==> flow/design.v <==
module my_selector_rtl #(
    parameter W = 32
) (
    input wire clk,
    input wire nrst,
    input wire [W-1:0] din0,
    input wire [W-1:0] din1,
    input wire [W-1:0] din2,
    input wire [W-1:0] din3,
    input wire [1:0] sel,
    output wire [W-1:0] q
);
    reg [W-1:0] din0_ff;
    reg [W-1:0] din1_ff;
    reg [W-1:0] din2_ff;
    reg [W-1:0] din3_ff;
    reg [1:0] sel_ff;
    always @(posedge clk or negedge nrst) begin
        if (!nrst) begin
            din0_ff <= 0;
            din1_ff <= 0;
            din2_ff <= 0;
            din3_ff <= 0;
            sel_ff <= 0;
        end else begin
            din0_ff <= din0;
            din1_ff <= din1;
            din2_ff <= din2;
            din3_ff <= din3;
            sel_ff <= sel;
        end
    end
    reg [W-1:0] t;
    always @* begin
        if (sel_ff == 0) t = din0_ff;
        else if (sel_ff == 1) t = din1_ff;
        else if (sel_ff == 2) t = din2_ff;
        else t = din3_ff;
    end
    assign q = t;
endmodule
---- Tool chain data of my_selector_rtl ----
What the tools print for my_selector_rtl, step after step.
Lines are those of the file above, counted from 1.
The mark - stands for no value.
design
  top module .............................. my_selector_rtl
  clock ................................... clk
  library ................................. sky130hd
  library corner .......................... tt_025C_1v80

---- Elaborated design ----
Source: Yosys, flattened and elaborated, memories not mapped. Widths are those after wreduce; folded enables and synchronous resets count as part of the registers. Registers that Yosys merges into a memory's read port (data or address) are not register bits. Print and check cells do not count. Equal cells are merged and count once.
word-level totals
  register bits ........................... 130
operators by class
  equality and inequality tests ........... 2
  multiplexer cells ....................... 3
  reduce/logical cells .................... 1
operators by type and width
  operator                                      count
  2-to-1 mux 32 bit                             3
  equality test 2 x 1 -> 1 bit with constant B  1
  equality test 2 bit with constant B           1
  logical NOT 2 bit                             1

---- Depth ----
Longest topological path by Yosys (ltp), each cell counted once; first at word level (registers and memories cut), then after technology mapping (sequential cells cut; the memories' decode and read muxes count).
depth
  depth in word-level cells ............... 4
  ABC_AREA ................................ 0
  gate-level depth with buffers ........... 3

---- After synthesis ----
The flow's flattened synthesis, as Yosys stat reports it; memories are mapped. The netlist is that of the ABC_AREA named above (0 if unset); the other value can give another one.
synthesis totals
  mapped cells ............................ 169
  synthesis area .......................... 4067.7 sq um
  flip-flops .............................. 130
cell types
  type                      count  total area (sq um)
  sky130_fd_sc_hd__dfrtp_1  130    3253.12
  sky130_fd_sc_hd__mux4_2   30     675.648
  sky130_fd_sc_hd__buf_12   3      60.058
  sky130_fd_sc_hd__mux4_1   2      52.55
  sky130_fd_sc_hd__buf_2    3      15.014
  sky130_fd_sc_hd__buf_6    1      11.261

---- Path before layout ----
Source: OpenSTA report_checks on the synthesized netlist (no wires, ideal clock, input and output delay 20% of the period each), path of least setup slack; recovery checks are left aside. Register names are those of the netlist, which keeps one name where synthesis merged equal registers.
timing after synthesis
  path type ............................... flip-flop to output port
  start ................................... register sel_ff[0]
  end ..................................... output port q[10]
  period .................................. 1.76 ns
  arrival ................................. 1.124 ns
  data required time ...................... 1.408 ns
  setup slack ............................. 0.284 ns
  path delay .............................. 1.124 ns
  stages on the path ...................... 4
  synthesis period reached ................ 1.476 ns
"path delay" = arrival - input delay + setup time.
At an output port there is no setup time.
"stages on the path" counts driving pins, that of a launching flip-flop among them; a cell with two outputs on the path counts twice.
"synthesis period reached" = period - worst setup slack (recovery checks aside). The figure is calculated, with input and output delays left at 20% of the set period.
The rows between start and end are the longest chain of elaborated cells between them; the timing report does not say that the signal goes this way. Where chains are equally long, one stands for them.
Each line given opens the expression or statement behind the cell; cells for indexed reads and writes are added by Yosys, which also makes memories of some case tables.
on the way, after synthesis
  cell sequence ........................... sky130_fd_sc_hd__dfrtp_1 -> sky130_fd_sc_hd__buf_6 -> sky130_fd_sc_hd__buf_12 -> sky130_fd_sc_hd__mux4_2
  length of the longest elaborated chain .. 4
  elaborated cells on any way between the ends .. 6
  source lines of those cells ............. 3
ends and longest elaborated chain, after synthesis
  what                 line  source
  start: declaration   17    reg [1:0] sel_ff;
  start: assignment    24    sel_ff <= 0;
  start: assignment    30    sel_ff <= sel;
  equality test 2 bit  37    else if (sel_ff == 2) t = din2_ff;
  2-to-1 mux 32 bit    37
  2-to-1 mux 32 bit    36    else if (sel_ff == 1) t = din1_ff;
  2-to-1 mux 32 bit    35    if (sel_ff == 0) t = din0_ff;
  end: declaration     11    output wire [W-1:0] q

---- Path in the finished layout ----
From the final timing report of flow run 1: the path of least setup slack in the routed layout; clock arrival at registers is part of the times.
timing after layout
  path type ............................... flip-flop to output port
  start ................................... register sel_ff[0]
  end ..................................... output port q[25]
  period .................................. 1.43 ns
  arrival ................................. 1.78 ns
  data required time ...................... 1.14 ns
  setup slack ............................. -0.63 ns
  stages on the path ...................... 5
The rows between start and end are the longest chain of elaborated cells between them; the timing report does not say that the signal goes this way. Where chains are equally long, one stands for them.
on the way, after layout
  cell sequence ........................... sky130_fd_sc_hd__dfrtp_2 -> sky130_fd_sc_hd__buf_4 -> sky130_fd_sc_hd__buf_12 -> sky130_fd_sc_hd__mux4_2 -> sky130_fd_sc_hd__buf_6
  length of the longest elaborated chain .. 4
  elaborated cells on any way between the ends .. 6
  source lines of those cells ............. 3
ends and longest elaborated chain, after layout
  what                 line  source
  start: declaration   17    reg [1:0] sel_ff;
  start: assignment    24    sel_ff <= 0;
  start: assignment    30    sel_ff <= sel;
  equality test 2 bit  37    else if (sel_ff == 2) t = din2_ff;
  2-to-1 mux 32 bit    37
  2-to-1 mux 32 bit    36    else if (sel_ff == 1) t = din1_ff;
  2-to-1 mux 32 bit    35    if (sel_ff == 0) t = din0_ff;
  end: declaration     11    output wire [W-1:0] q

Record of 3 stored runs of the RTL-to-layout flow on my_selector_rtl, platform sky130hd. The runs are unordered. Constraints: input delay and output delay 20% of the set period each, output load 0.01 pF.

Flow files of flow run 1
==> flow/run.sh <==
#!/bin/bash
# the make line also repeats the synthesis and layout settings of config.mk as NAME=value (left out here)
make -C /OpenROAD-flow-scripts/flow DESIGN_CONFIG=/design/flow/config.mk WORK_HOME=/design/flow/orfs CLKGATE_MAP_FILE= finish
==> flow/config.mk <==
export PLATFORM = sky130hd
export DESIGN_NAME = my_selector_rtl
export DESIGN_NICKNAME = my_selector_rtl
export VERILOG_FILES = /design/flow/design.v
export SDC_FILE = /design/flow/constraint.sdc
export NUM_CORES = 4
export LEC_CHECK = 0
export ABC_AREA = 0
export CAP_MARGIN = 0
export CELL_PAD_IN_SITES_DETAIL_PLACEMENT = 1
export CELL_PAD_IN_SITES_GLOBAL_PLACEMENT = 2
export CORE_MARGIN = 7
export CORE_UTILIZATION = 16
export CTS_CLUSTER_SIZE = 17
export HOLD_SLACK_MARGIN = 0.21
export MAX_ROUTING_LAYER = met4
export MIN_ROUTING_LAYER = met1
export PLACE_DENSITY_LB_ADDON = 0.08
export SLEW_MARGIN = 20
export TNS_END_PERCENT = 70
==> flow/constraint.sdc <==
create_clock -name core_clock -period 1.43 [get_ports {clk}]
set_input_delay 0.2860 -clock core_clock [delete_from_list [all_inputs] [get_ports {clk}]]
set_output_delay 0.2860 -clock core_clock [all_outputs]
set_load 0.01 [all_outputs]

report of flow run 1
yosys chip area after synthesis (um^2): 4067.7
finish__design__die__area: 30083.2
finish__design__instance__area__stdcell: 6959.2
finish__timing__setup__ws: -0.633

Flow files of flow run 2
==> flow/run.sh <==
#!/bin/bash
# the make line also repeats the synthesis and layout settings of config.mk as NAME=value (left out here)
make -C /OpenROAD-flow-scripts/flow DESIGN_CONFIG=/design/flow/config.mk WORK_HOME=/design/flow/orfs CLKGATE_MAP_FILE= finish
==> flow/config.mk <==
export PLATFORM = sky130hd
export DESIGN_NAME = my_selector_rtl
export DESIGN_NICKNAME = my_selector_rtl
export VERILOG_FILES = /design/flow/design.v
export SDC_FILE = /design/flow/constraint.sdc
export NUM_CORES = 4
export LEC_CHECK = 0
export ABC_AREA = 0
export CAP_MARGIN = 40
export CELL_PAD_IN_SITES_DETAIL_PLACEMENT = 1
export CORE_MARGIN = 9
export CORE_UTILIZATION = 43
export CTS_CLUSTER_DIAMETER = 268
export CTS_CLUSTER_SIZE = 68
export GPL_ROUTABILITY_DRIVEN = 0
export GPL_TIMING_DRIVEN = 1
export PLACE_DENSITY_LB_ADDON = 0.1
export SETUP_SLACK_MARGIN = 0.38
export SLEW_MARGIN = 20
==> flow/constraint.sdc <==
create_clock -name core_clock -period 2.62 [get_ports {clk}]
set_input_delay 0.5240 -clock core_clock [delete_from_list [all_inputs] [get_ports {clk}]]
set_output_delay 0.5240 -clock core_clock [all_outputs]
set_load 0.01 [all_outputs]

report of flow run 2
yosys chip area after synthesis (um^2): 4067.7
finish__design__die__area: 13284.9
finish__design__instance__area__stdcell: 6667.6
finish__timing__setup__ws: 0.182

Flow files of flow run 3
==> flow/run.sh <==
#!/bin/bash
# the make line also repeats the synthesis and layout settings of config.mk as NAME=value (left out here)
make -C /OpenROAD-flow-scripts/flow DESIGN_CONFIG=/design/flow/config.mk WORK_HOME=/design/flow/orfs CLKGATE_MAP_FILE= finish
==> flow/config.mk <==
export PLATFORM = sky130hd
export DESIGN_NAME = my_selector_rtl
export DESIGN_NICKNAME = my_selector_rtl
export VERILOG_FILES = /design/flow/design.v
export SDC_FILE = /design/flow/constraint.sdc
export NUM_CORES = 4
export LEC_CHECK = 0
export CAP_MARGIN = 20
export CORE_MARGIN = 2
export CORE_UTILIZATION = 40
export SLEW_MARGIN = 20
==> flow/constraint.sdc <==
create_clock -name core_clock -period 1.76 [get_ports {clk}]
set_input_delay 0.3520 -clock core_clock [delete_from_list [all_inputs] [get_ports {clk}]]
set_output_delay 0.3520 -clock core_clock [all_outputs]
set_load 0.01 [all_outputs]

report of flow run 3
yosys chip area after synthesis (um^2): 4067.7
finish__design__die__area: 10991.4
finish__design__instance__area__stdcell: 6551.3
finish__timing__setup__ws: -0.438
